==> flow/design.v <==
module core_reg_bank_blk #(
  parameter D = 20,
  parameter DATA_WIDTH = 2,
  parameter AWIDTH = $clog2(D)
) (
  input logic CLK,
  input logic clr,
  input logic we_in,
  input logic [AWIDTH-1:0] wr_idx_in,
  input logic [DATA_WIDTH-1:0] wr_data_in,
  input logic [AWIDTH-1:0] read_addr0_in,
  input logic [AWIDTH-1:0] read_addr1_in,
  output logic [DATA_WIDTH-1:0] q0_out,
  output logic [DATA_WIDTH-1:0] q1_out
);
  logic we_d1;
  logic [AWIDTH-1:0] wr_idx_d1;
  logic [DATA_WIDTH-1:0] wr_data_d1;
  always_ff @(posedge CLK) begin
    if (clr) begin
      we_d1 <= 1'b0;
      wr_idx_d1 <= 0;
      wr_data_d1 <= 0;
    end else begin
      we_d1 <= we_in;
      wr_idx_d1 <= wr_idx_in;
      wr_data_d1 <= wr_data_in;
    end
  end
  logic [DATA_WIDTH-1:0] ram [0:D-1];
  always_ff @(posedge CLK) begin
    if (clr) begin
      for (int k = 0; k < D; k++)
        ram[k] <= 0;
    end else if (we_d1) begin
      ram[wr_idx_d1] <= wr_data_d1;
    end
  end
  logic [AWIDTH-1:0] read_addr0_d1;
  logic [AWIDTH-1:0] read_addr1_d1;
  always_ff @(posedge CLK) begin
    if (clr) begin
      read_addr0_d1 <= 0;
      read_addr1_d1 <= 0;
    end else begin
      read_addr0_d1 <= read_addr0_in;
      read_addr1_d1 <= read_addr1_in;
    end
  end
  assign q0_out = ram[read_addr0_d1];
  assign q1_out = ram[read_addr1_d1];
endmodule
Subject: tool reports on core_reg_bank_blk

Hi,

== Tool chain data of core_reg_bank_blk ==
Module core_reg_bank_blk in several versions that differ in "DATA_WIDTH"; each step lists the members.
The RTL above is that of DATA_WIDTH 2; lines are counted from 1 in the file of the member named.
Cell names lack the library's common part.
The mark n/a stands for no value.
Set-up
  design top: core_reg_bank_blk
  clock port: CLK
  standard-cell library: sky130hd
  corner: tt_025C_1v80

== Source of the members ==
Lines of each other member's file that are new or changed against the file above; lines that a member lacks are not shown.
New or changed lines
  DATA_WIDTH 8: RTL line 3  | parameter DATA_WIDTH = 8,
  DATA_WIDTH 64: RTL line 3  | parameter DATA_WIDTH = 64,

== After elaboration ==
Yosys after proc, flatten, opt, wreduce and memory -nomap, before mapping. Print and check cells are not counted. Equal cells are merged and count once.
Yosys's memory passes give these memory sizes; they may raise the number of words (mostly to a power of two), join words into wider ones and drop unused or constant bits.
Word-level totals
  DATA_WIDTH 2: bits in registers 8, RAM bits 64, elaborated cells 13, memories 1
  DATA_WIDTH 8: bits in registers 14, RAM bits 256, elaborated cells 13, memories 1
  DATA_WIDTH 64: bits in registers 70, RAM bits 2048, elaborated cells 13, memories 1
Cells by class (mux-type cells)
  DATA_WIDTH 2: 9
  DATA_WIDTH 8: 9
  DATA_WIDTH 64: 9
Operators with widths (kind and count)
  DATA_WIDTH 2: two-way mux 5 bit: 4; two-way mux 2 bit: 2; two-way mux 1 bit: 3
  DATA_WIDTH 8: two-way mux 5 bit: 4; two-way mux 8 bit: 2; two-way mux 1 bit: 3
  DATA_WIDTH 64: two-way mux 64 bit: 2; two-way mux 5 bit: 4; two-way mux 1 bit: 3

== Logic depth ==
Yosys ltp: most cells in a row. Word level: on the elaborated netlist, between registers, memories and ports. Mapped: between sequential cells and ports; inverters and the memories' decode and read muxes count.
Logic depth
  DATA_WIDTH 2: word-level depth 2, ABC_AREA 0, gate-level depth with buffers 7
  DATA_WIDTH 8: word-level depth 2, ABC_AREA 0, gate-level depth with buffers 5
  DATA_WIDTH 64: word-level depth 2, ABC_AREA 0, gate-level depth with buffers 9

== Netlist ==
Source: synth_stat.txt of the flow (Yosys; design flattened, memories mapped). It holds for the ABC_AREA given above (unset counts as 0); a run with the other value may have another netlist.
Cells by type (type and count)
  DATA_WIDTH 2: edfxtp_1: 64; mux2i_1: 64; dfxtp_1: 18; a22oi_1: 28; nor3_1: 39; o21bai_1: 20; nor2b_1: 23; buf_6: 8; clkbuf_1: 17; nor2_1: 16; nand2_1: 12; and4b_1: 4; buf_12: 2; nand4b_1: 4; o311ai_1: 4; nand3b_1: 4; a31oi_1: 4; a21oi_1: 4; (+17)
  DATA_WIDTH 8: edfxtp_1: 256; mux4_2: 160; and2_1: 160; dfxtp_1: 24; mux2_2: 16; nor2b_1: 24; or2_2: 20; nor2_1: 32; clkbuf_1: 30; buf_4: 12; buf_1: 16; or3b_2: 3; buf_6: 2; nand3b_1: 3; nand4bb_1: 2; buf_2: 2; or4b_2: 1; nand4b_1: 1; (+2)
  DATA_WIDTH 64: edfxtp_1: 2048; mux4_2: 1161; and2_1: 1282; mux2_2: 175; dfxtp_1: 80; clkbuf_1: 408; mux2i_1: 130; nor2b_1: 106; buf_2: 117; buf_4: 37; a221oi_1: 31; o22ai_1: 37; a211oi_1: 24; buf_1: 39; or2_2: 23; nor2_1: 35; o21ai_0: 22; o22a_1: 11; (+50)
A list marked (+n) leaves out that many cells.
Synthesis totals
  DATA_WIDTH 2: flip-flop cells 82, mapped area 4205.3 um^2, buffer cells 32, mapped cells 352
  DATA_WIDTH 8: flip-flop cells 280, mapped area 13744.4 um^2, buffer cells 62, mapped cells 766
  DATA_WIDTH 64: flip-flop cells 2128, mapped area 105276.0 um^2, buffer cells 604, mapped cells 5816

== Worst setup path after synthesis ==
OpenSTA on the mapped netlist: ideal clock, no wires. The path of least setup slack (recovery checks aside). Input and output delay are each 20% of the period. Register names are those of the netlist, which keeps one name where synthesis merged equal registers.
Timing path post-synthesis
  DATA_WIDTH 2: path kind register to output, from register (name not given), to output q0_out[0], path delay 1.278 ns, path slack 0.322 ns, stages 8, clock period 2.0 ns, period reached after synthesis 1.678 ns
  DATA_WIDTH 8: path kind register to output, from register (name not given), to output q0_out[0], path delay 2.013 ns, path slack 0.507 ns, stages 6, clock period 3.15 ns, period reached after synthesis 2.643 ns
  DATA_WIDTH 64: path kind input to register, from input clr, to memory (name not given), path delay 3.982 ns, path slack 0.994 ns, stages 3, clock period 6.22 ns, period reached after synthesis 5.226 ns
"path delay" = arrival - input delay + setup time.
At an output port there is no setup time.
"stages": output pins that drive a net of the path, with the launching flip-flop's if there is one; two outputs of one cell count as two.
"period reached after synthesis" = period - worst setup slack (recovery checks aside). The figure is calculated, with input and output delays left at 20% of the set period.
Between the ends stands the longest chain of elaborated cells between them, by number of cells; it is not shown to be the way that was timed. Of several equally long chains one is given.
A line is the first line of the expression or statement that the cell stems from. Yosys adds cells for indexed reads and writes and turns some case tables into memories.
Ends and longest elaborated chain, post-synthesis, DATA_WIDTH 2
  end: declaration: RTL line 13  | output logic [DATA_WIDTH-1:0] q0_out,
DATA_WIDTH 2: Chain of elaborated cells between the ends: none given.
DATA_WIDTH 64: The path ends at the enable pin of a flip-flop; only ways to that pin are counted.
Between the ends, post-synthesis, DATA_WIDTH 64
  length of the longest elaborated chain: 1
Ends and longest elaborated chain, post-synthesis, DATA_WIDTH 64
  start: declaration: RTL line 7  | input logic clr,
  two-way mux 5 bit: RTL line 32  | if (clr) begin

== Worst path after layout ==
Path of least setup slack in the final report of the run of each member (OpenROAD, finished layout, wires in). Where an end is a register, its clock arrival counts in the times.
Timing path after layout
  DATA_WIDTH 2: path kind register to output, from register (name not given), to output q1_out[1], buffers on the path 2, path slack -0.37 ns, data arrival time 1.97 ns, stages 8, clock period 2.0 ns
  DATA_WIDTH 8: path kind register to output, from register (name not given), to output q0_out[6], buffers on the path 3, path slack -0.32 ns, data arrival time 2.84 ns, stages 7, clock period 3.15 ns
  DATA_WIDTH 64: path kind register to output, from register (name not given), to output q1_out[1], buffers on the path 3, path slack 0.62 ns, data arrival time 4.35 ns, stages 7, clock period 6.22 ns

== Flow runs ==
One run of the flow (Yosys, OpenROAD) for each member, with settings and measured results. Input and output delays are each 20% of the period that was set; the output load is 0.01 pF.
Settings
  CAP_MARGIN: 20
  CORE_MARGIN: 2
  CORE_UTILIZATION: 40
  SLEW_MARGIN: 20
Settings by member (period_ns)
  DATA_WIDTH 2: 2.0
  DATA_WIDTH 8: 3.15
  DATA_WIDTH 64: 6.22
Final reports
  DATA_WIDTH 2: netlist area reported by Yosys 4205.3 um^2, standard-cell area after layout 5245.0 um^2, utilization in the final report 51.0%, worst hold slack 0.573 ns, smallest setup slack -0.375 ns, full die area 11349.7 um^2, post-route setup TNS -1.327 ns, overall power 3.753 mW, clock period achieved 2.375 ns
  DATA_WIDTH 8: netlist area reported by Yosys 13744.4 um^2, standard-cell area after layout 16877.4 um^2, utilization in the final report 50.1%, worst hold slack 0.563 ns, smallest setup slack -0.321 ns, full die area 35859.1 um^2, post-route setup TNS -4.299 ns, overall power 8.885 mW, clock period achieved 3.471 ns
  DATA_WIDTH 64: netlist area reported by Yosys 105276.0 um^2, standard-cell area after layout 119916.0 um^2, utilization in the final report 45.8%, worst hold slack 0.880 ns, smallest setup slack 0.625 ns, full die area 267310.0 um^2, post-route setup TNS 0.000 ns, overall power 33.307 mW, clock period achieved 5.595 ns
"clock period achieved": clock period set for the run, less the worst setup slack. It is reckoned from that one timing run; input and output delays stay at 20% of the period that was set.
"overall power" is the tool's figure for a default switching activity; nothing was simulated.

Regards
